==> flow/design.v <==
module dp_mult_top #(
  parameter XLEN = 3,
  parameter GB = 8
) (
  input wire ck,
  input wire valid,
  input wire [XLEN-1:0] in_arg0,
  input wire [XLEN-1:0] in_arg1,
  input wire in_start,
  output wire [2*XLEN+GB-1:0] out_mul
);
  reg [XLEN-1:0] arg0_reg;
  reg [XLEN-1:0] arg1_reg;
  reg start_reg;
  reg [2*XLEN-1:0] nxt_reg;
  reg start_reg_d;
  reg [2*XLEN+GB-1:0] accum;
  always @(posedge ck) begin
    if (valid) begin
      arg0_reg <= in_arg0;
      arg1_reg <= in_arg1;
      start_reg <= in_start;
      nxt_reg <= arg0_reg * arg1_reg;
      start_reg_d <= start_reg;
      accum <= start_reg_d ? nxt_reg : accum + nxt_reg;
    end
  end
  assign out_mul = accum;
endmodule
# == Tool chain data of dp_mult_top ==
# What the tools print for dp_mult_top, step after step.
# Line numbers count from 1 in the design file above.
# Operators carry their Yosys type and port widths (W data, S select, Z words).
# Library cell names are shortened.
# Not given: n/a
# setup
top,dp_mult_top
clock_port,ck
library,sky130hd
lib_corner,tt_025C_1v80

# == Elaborated design ==
# Yosys after proc, flatten, opt, wreduce and memory -nomap, before mapping. Enables and synchronous resets that opt folds into registers are not counted as muxes. Memory bits, and registers merged into a memory's read port (data or address), are not among the register bits. Print and check cells are not counted. Equal cells are merged and count once.
# word_totals
mem_bits_ro,0
clocked_rd_ports_x_width,0
word_cells,10
ram_bits,0
out_inout_bits,14
latchBits,0
input_bits,9
reg_bits,28
memories,0
# classes
n_shift,0
n_cmp,0
bitwise,0
div,0
n_reduce_logical,0
n_mux,1
n_eq,0
n_mul,1
add_sub_neg,1
# op_table
cell,n
$mul A3 B3 Y6,1
$add A14 B6 Y14,1
$mux W6,1

# == Depth ==
# Longest topological path by Yosys (ltp), each cell counted once; first at word level (registers and memories cut), then after technology mapping (sequential cells cut; the memories' decode and read muxes count).
# depth
depth_word,2
abc_area,1
ltp_mapped,10
ltp_nobuf,10

# == Mapped cells and area ==
# Source: synth_stat.txt of the flow (Yosys; design flattened, memories mapped). It holds for the ABC_AREA given above (unset counts as 0); a run with the other value may have another netlist.
# types
cell,n,type_area_um2
edfxtp_1,28,840.806
nand2_1,63,236.477
ha_1,11,137.632
inv_1,32,120.115
nor2_1,21,78.826
fa_1,3,60.058
nand3_1,11,55.053
nand3_2,4,40.038
a21oi_1,5,25.024
o21ai_0,4,20.019
nand2_2,3,18.768
xnor2_1,2,17.517
nand4_1,2,12.512
nor2_2,2,12.512
or2_2,2,12.512
buf_4,1,7.507
and2_1,1,6.256
or2_1,1,6.256
# Not listed: further types 2, cells in them 2.
# mapped
seqArea_um2,840.8
buf_cells,2
ff_cells,28
mapped_cells,198
area_um2,1716.6

# == Timing after synthesis ==
# Path of least setup slack by OpenSTA after synthesis, without wires, with an ideal clock, recovery checks aside; 20% of the period is set as input and as output delay. Where synthesis merged equal registers, the netlist keeps one of their names.
# synth_path
kind,flip-flop to flip-flop
start,reg arg0_reg[0]
end,reg nxt_reg[4]
path_stages,8
path_buffers,0
clock_period_ps,2530
setup_slack_ps,556
setup_ps,258
path_delay_ps,1974
t_required_ps,2272
arrival_time_ps,1716
launch_ps,0
period_less_setup_slack_ps,1974
# "path_delay_ps" = arrival - input delay + setup time.
# "path_stages": output pins that drive a net of the path, with the launching flip-flop's if there is one; two outputs of one cell count as two.
# "period_less_setup_slack_ps" = period - worst setup slack (recovery checks aside). The figure is calculated, with input and output delays left at 20% of the set period.
# The rows between start and end are the longest chain of elaborated cells between them; the timing report does not say that the signal goes this way. Where chains are equally long, one stands for them.
# A line is the first line of the expression or statement that the cell stems from. Yosys adds cells for indexed reads and writes and turns some case tables into memories.
# synth_via
path_cell_list,edfxtp_1 nand2_1 inv_1 fa_1 ha_1 inv_1 fa_1 xnor2_1
elab_chain_cells,1
cells_between,1
lines_between,1
classes_between,1 x mul
# synth_rtl
item,line,text
from (decl),12,reg [XLEN-1:0] arg0_reg;
from (assign),20,arg0_reg <= in_arg0;
$mul A3 B3 Y6,23,nxt_reg <= arg0_reg * arg1_reg;
to (assign),23,
to (decl),15,reg [2*XLEN-1:0] nxt_reg;

# == Worst path after layout ==
# From the final timing report of entry A: the path of least setup slack in the routed layout; clock arrival at registers is part of the times.
# The report prints the path's times to 10 ps; the period is as set.
# layout_path
kind,flip-flop to flip-flop
start,reg arg1_reg[0]
end,reg nxt_reg[4]
t_required_ps,1810
path_stages,8
launch_ps,290
path_buffers,0
setup_slack_ps,-300
setup_ps,230
clock_period_ps,1760
arrival_time_ps,2120
# The rows between start and end are the longest chain of elaborated cells between them; the timing report does not say that the signal goes this way. Where chains are equally long, one stands for them.
# layout_via
path_cell_list,edfxtp_1 nand2_1 inv_2 fa_1 ha_4 inv_2 fa_1 xnor2_1
elab_chain_cells,1
cells_between,1
lines_between,1
classes_between,1 x mul
# layout_rtl
item,line,text
from (decl),13,reg [XLEN-1:0] arg1_reg;
from (assign),21,arg1_reg <= in_arg1;
$mul A3 B3 Y6,23,nxt_reg <= arg0_reg * arg1_reg;
to (assign),23,
to (decl),15,reg [2*XLEN-1:0] nxt_reg;

# Below are 3 stored runs of the flow (Yosys, OpenROAD; platform sky130hd) on dp_mult_top, each with its settings and what was measured, unordered. Constraints: input delay and output delay 20% of the set period each, output load 0.01 pF.
# By "period_reached_ps" is meant the clock period of the run minus its worst setup slack. This is arithmetic on one report: input and output delays are still those of the set period (20% each).
# "timing.worst_path_ps": the worst setup path's part of the clock period (all of it between registers, 20% less for each end at a port) less its slack. A launch clock that arrives late makes it longer, a capture clock that arrives late makes it shorter.
# "power_total_uw": no workload was simulated; the value follows from the tool's default switching activity.
# "timing.worst_path_ps" is known to 10 ps.
# A setting shown as - is not set for that run.
run name,period_ns,CORE_UTILIZATION,SETUP_SLACK_MARGIN,PLACE_DENSITY_LB_ADDON,CORE_MARGIN,CELL_PAD_IN_SITES_GLOBAL_PLACEMENT,TNS_END_PERCENT,ABC_AREA,CTS_CLUSTER_SIZE,CAP_MARGIN,SLEW_MARGIN,MAX_ROUTING_LAYER,CELL_PAD_IN_SITES_DETAIL_PLACEMENT,GPL_ROUTABILITY_DRIVEN,MIN_ROUTING_LAYER,die_um2,timing.worst_path_ps,worstPathKind,synth_chip_area_um2,holdWs_ps,fin_ws_ps,util_pct,stdcell_area_um2,power_total_uw,fin_tns_ps,period_reached_ps
entry A,1.76,19,0.4,0.14,5,1,15,1,24,35,5,met4,-,-,-,11035.5,2060,flip-flop to flip-flop,1716.6,436,-304,28.5,2493.6,2169,-604,2064
entry B,2.73,69,0.44,0.27,2,0,60,-,81,20,30,-,0,1,met1,2804.8,2270,flip-flop to flip-flop,1654.1,460,455,87.4,1951.9,1126,0,2275
entry C,2.53,40,-,-,2,-,-,-,-,20,20,-,-,-,-,4665.6,2110,flip-flop to flip-flop,1654.1,454,416,50.1,2003.2,1329,0,2114
